==> flow/design.v <==
module gen_arith_v2 #(
  parameter DWIDTH = 10
) (
  input clk,
  input valid,
  input [DWIDTH-1:0] first,
  input [DWIDTH-1:0] second,
  input mode,
  output [DWIDTH-1:0] result
);
  reg [DWIDTH-1:0] first_r;
  reg [DWIDTH-1:0] second_r;
  reg mode_r;
  always @(posedge clk) begin
    if (valid) begin
      first_r <= first;
      second_r <= second;
      mode_r <= mode;
    end
  end
  reg [DWIDTH-1:0] t;
  always @* begin
    if (mode_r)
      t = first_r - second_r;
    else
      t = first_r + second_r;
  end
  assign result = t;
endmodule
Tool chain data of gen_arith_v2
What the tools print for gen_arith_v2, step after step. Line numbers count from 1 in the design file above. Library cell names are shortened. A cell with - has no value.

Top: gen_arith_v2. Clock input: clk. Standard-cell library: sky130hd. Library corner: tt_025C_1v80.

Elaborated design
Yosys after proc, flatten, opt, wreduce and memory -nomap, before mapping. Enables and synchronous resets that opt folds into registers are not counted as muxes. Memory bits, and registers merged into a memory's read port (data or address), are not among the register bits. Print and check cells are not counted. Equal cells are merged and count once.

The figure for add/subtract/negate cells is 2. For multiply operators the number is 0. The figure for divide/modulo/power cells is 0. $lt $le $gt $ge: 0. The entry for eq/ne operators reads 0. For shift operators the number is 0. The entry for multiplexer cells reads 1. The entry for bitwise logic cells reads 0. The entry for reductions and logical operators reads 0.

Operators with widths (number): 10-bit adder (1); 10-bit subtractor (1); 10-bit 2-to-1 mux (1).

The figure for bits in registers is 21. The entry for bits in latches reads 0. RAM bits: 0. Under memory bits (read-only) stands 0. Word width x clocked read ports: 0. Under memories stands 0. The figure for bits of input ports is 23. The entry for word-level cells reads 6.

Depth
Longest topological path by Yosys (ltp), each cell counted once; first at word level (registers and memories cut), then after technology mapping (sequential cells cut; the memories' decode and read muxes count).

The figure for depth in word-level cells is 2. The figure for ABC_AREA is 0. The entry for gate-level depth with buffers reads 12. Depth with buffers taken out: 12.

Mapped cells and area
Yosys stat after the flow's synthesis: flattened, memories mapped to cells. It holds for the ABC_AREA given above (unset counts as 0); a run with the other value may have another netlist.

Cells by type: edfxtp_1 (number 21, area in all 630.605 um^2); ha_1 (number 10, area in all 125.12 um^2); xnor2_1 (number 11, area in all 96.342 um^2); a21oi_1 (number 11, area in all 55.053 um^2); xor2_1 (number 5, area in all 43.792 um^2); nor2_1 (number 8, area in all 30.029 um^2); inv_1 (number 7, area in all 26.275 um^2); nor4b_4 (number 1, area in all 23.773 um^2); o21a_1 (number 3, area in all 22.522 um^2); fa_1 (number 1, area in all 20.019 um^2); nor3_1 (number 4, area in all 20.019 um^2); o21ai_0 (number 4, area in all 20.019 um^2); o21bai_1 (number 2, area in all 15.014 um^2); mux2i_1 (number 1, area in all 10.01 um^2); and4_1 (number 1, area in all 8.758 um^2); o31a_1 (number 1, area in all 8.758 um^2); a211oi_1 (number 1, area in all 7.507 um^2); and2b_1 (number 1, area in all 7.507 um^2).

Not listed: further types 8, cells in them 9.

The figure for cells in the netlist is 102. The entry for cell area after synthesis reads 1218.7 um^2. For area of sequential cells the number is 630.6 um^2. Under flip-flop cells stands 21.

Path before layout
Path of least setup slack by OpenSTA after synthesis, without wires, with an ideal clock, recovery checks aside; 20% of the period is set as input and as output delay. Where synthesis merged equal registers, the netlist keeps one of their names.

Path kind: flip-flop to output port. Start point: reg second_r[0]. End point: out result[7]. Clock period: 3.23 ns. The figure for output delay is 0.646 ns. The figure for data arrival time is 2.069 ns. Data required time: 2.584 ns. Setup slack: 0.515 ns. Under path delay stands 2.069 ns. Under driving pins on the path stands 10. For synthesis period reached the number is 2.715 ns.

"path delay" = arrival - input delay + setup time. A path that ends at an output port has no setup time. "driving pins on the path": output pins that drive a net of the path, with the launching flip-flop's if there is one; two outputs of one cell count as two. "synthesis period reached" = period - worst setup slack (recovery checks aside). The figure is calculated, with input and output delays left at 20% of the set period. Between the ends stands the longest chain of elaborated cells between them, by number of cells; it is not shown to be the way that was timed. Of several equally long chains one is given. A line is the first line of the expression or statement that the cell stems from. Yosys adds cells for indexed reads and writes and turns some case tables into memories.

Cells stage by stage: edfxtp_1 > inv_1 > ha_1 > mux2i_1 > ha_1 > nor2b_1 > o31a_1 > o21ai_1 > a21oi_1 > xor2_1. Cells in the longest elaborated chain: 2. Under elaborated cells between the ends (all ways) stands 3. RTL lines with such cells: 3.

RTL lines, path post-synthesis: start, declared (line 12) `reg [DWIDTH-1:0] second_r;`; start, assigned (line 17) `second_r <= second;`; 10-bit adder (line 26) `t = first_r + second_r;`; 10-bit 2-to-1 mux (line 23) `if (mode_r)`; end, declared (line 9) `output [DWIDTH-1:0] result`.

Timing after layout
From the final timing report of flow run 1: the path of least setup slack in the routed layout; clock arrival at registers is part of the times.

Path kind: flip-flop to output port. Start point: reg second_r[0]. End point: out result[9]. Clock period: 3.08 ns. The figure for output delay is 0.62 ns. The figure for data arrival time is 2.70 ns. Data required time: 2.46 ns. Setup slack: -0.24 ns. Under driving pins on the path stands 12.

Between the ends stands the longest chain of elaborated cells between them, by number of cells; it is not shown to be the way that was timed. Of several equally long chains one is given.

Cells stage by stage: edfxtp_1 > buf_6 > nor4b_4 > nor2_1 > xnor2_1 > ha_1 > buf_4 > buf_4 > nand4_1 > o21a_1 > xnor2_1 > buf_2. Cells in the longest elaborated chain: 2. Under elaborated cells between the ends (all ways) stands 3. RTL lines with such cells: 3.

RTL lines, path post-layout: start, declared (line 12) `reg [DWIDTH-1:0] second_r;`; start, assigned (line 17) `second_r <= second;`; 10-bit adder (line 26) `t = first_r + second_r;`; 10-bit 2-to-1 mux (line 23) `if (mode_r)`; end, declared (line 9) `output [DWIDTH-1:0] result`.

Appendix: measured runs

gen_arith_v2 through Yosys and OpenROAD on sky130hd: 3 stored runs, unordered, with their settings and measured results. The constraints put input and output delay at 20% of the set period each and load the outputs with 0.01 pF. "time on the worst setup path" = time allowed to the worst setup path (clock period - input delay - output delay, where it has them) - its slack; a late launch clock adds to it, a late capture clock takes from it.

Files of flow run 1:
==> flow/run.sh <==
#!/bin/bash
# the make line also repeats the synthesis and layout settings of config.mk as NAME=value (left out here)
make -C /OpenROAD-flow-scripts/flow DESIGN_CONFIG=/design/flow/config.mk WORK_HOME=/design/flow/orfs CLKGATE_MAP_FILE= finish
==> flow/config.mk <==
export PLATFORM = sky130hd
export DESIGN_NAME = gen_arith_v2
export DESIGN_NICKNAME = gen_arith_v2
export VERILOG_FILES = /design/flow/design.v
export SDC_FILE = /design/flow/constraint.sdc
export NUM_CORES = 4
export LEC_CHECK = 0
export ABC_AREA = 0
export CAP_MARGIN = 20
export CORE_MARGIN = 5
export CORE_UTILIZATION = 54
export CTS_CLUSTER_DIAMETER = 146
export CTS_CLUSTER_SIZE = 28
export GPL_TIMING_DRIVEN = 0
export MAX_ROUTING_LAYER = met5
export MIN_ROUTING_LAYER = met1
export PLACE_DENSITY_LB_ADDON = 0.22
export SETUP_SLACK_MARGIN = 0.29
export SLEW_MARGIN = 25
==> flow/constraint.sdc <==
create_clock -name core_clock -period 3.08 [get_ports {clk}]
set_input_delay 0.6160 -clock core_clock [delete_from_list [all_inputs] [get_ports {clk}]]
set_output_delay 0.6160 -clock core_clock [all_outputs]
set_load 0.01 [all_outputs]

Results of flow run 1. The final utilization is 0.852. The measured time on the worst setup path is 2.70 ns. Class of the worst setup path: flip-flop to output port. The post-route setup TNS is -0.693 ns. The mapped cell area after synthesis is 1,218.7 um^2. The setup slack of the worst path reads -0.237 ns. The measured die area is 3,306.8 um^2. The worst-case hold slack reads 0.848 ns. The measured standard-cell area after layout is 1,865.5 um^2.

Files of flow run 2:
==> flow/run.sh <==
#!/bin/bash
# the make line also repeats the synthesis and layout settings of config.mk as NAME=value (left out here)
make -C /OpenROAD-flow-scripts/flow DESIGN_CONFIG=/design/flow/config.mk WORK_HOME=/design/flow/orfs CLKGATE_MAP_FILE= finish
==> flow/config.mk <==
export PLATFORM = sky130hd
export DESIGN_NAME = gen_arith_v2
export DESIGN_NICKNAME = gen_arith_v2
export VERILOG_FILES = /design/flow/design.v
export SDC_FILE = /design/flow/constraint.sdc
export NUM_CORES = 4
export LEC_CHECK = 0
export ABC_AREA = 0
export CAP_MARGIN = 20
export CELL_PAD_IN_SITES_GLOBAL_PLACEMENT = 3
export CORE_ASPECT_RATIO = 0.96
export CORE_MARGIN = 2
export CORE_UTILIZATION = 43
export CTS_CLUSTER_DIAMETER = 124
export PLACE_DENSITY_LB_ADDON = 0.24
export SETUP_SLACK_MARGIN = 0.46
export SLEW_MARGIN = 20
==> flow/constraint.sdc <==
create_clock -name core_clock -period 4.38 [get_ports {clk}]
set_input_delay 0.8760 -clock core_clock [delete_from_list [all_inputs] [get_ports {clk}]]
set_output_delay 0.8760 -clock core_clock [all_outputs]
set_load 0.01 [all_outputs]

Outcome of flow run 2: not finished: placement ended with error FLW-0024.

Files of flow run 3:
==> flow/run.sh <==
#!/bin/bash
# the make line also repeats the synthesis and layout settings of config.mk as NAME=value (left out here)
make -C /OpenROAD-flow-scripts/flow DESIGN_CONFIG=/design/flow/config.mk WORK_HOME=/design/flow/orfs CLKGATE_MAP_FILE= finish
==> flow/config.mk <==
export PLATFORM = sky130hd
export DESIGN_NAME = gen_arith_v2
export DESIGN_NICKNAME = gen_arith_v2
export VERILOG_FILES = /design/flow/design.v
export SDC_FILE = /design/flow/constraint.sdc
export NUM_CORES = 4
export LEC_CHECK = 0
export CAP_MARGIN = 20
export CORE_MARGIN = 2
export CORE_UTILIZATION = 40
export SLEW_MARGIN = 20
==> flow/constraint.sdc <==
create_clock -name core_clock -period 3.23 [get_ports {clk}]
set_input_delay 0.6460 -clock core_clock [delete_from_list [all_inputs] [get_ports {clk}]]
set_output_delay 0.6460 -clock core_clock [all_outputs]
set_load 0.01 [all_outputs]

Results of flow run 3. The final utilization is 0.602. The measured time on the worst setup path is 2.56 ns. Class of the worst setup path: flip-flop to output port. The post-route setup TNS is 0.000 ns. The mapped cell area after synthesis is 1,218.7 um^2. The setup slack of the worst path reads 0.021 ns. The measured die area is 3,504.1 um^2. The worst-case hold slack reads 0.886 ns. The measured standard-cell area after layout is 1,791.7 um^2.
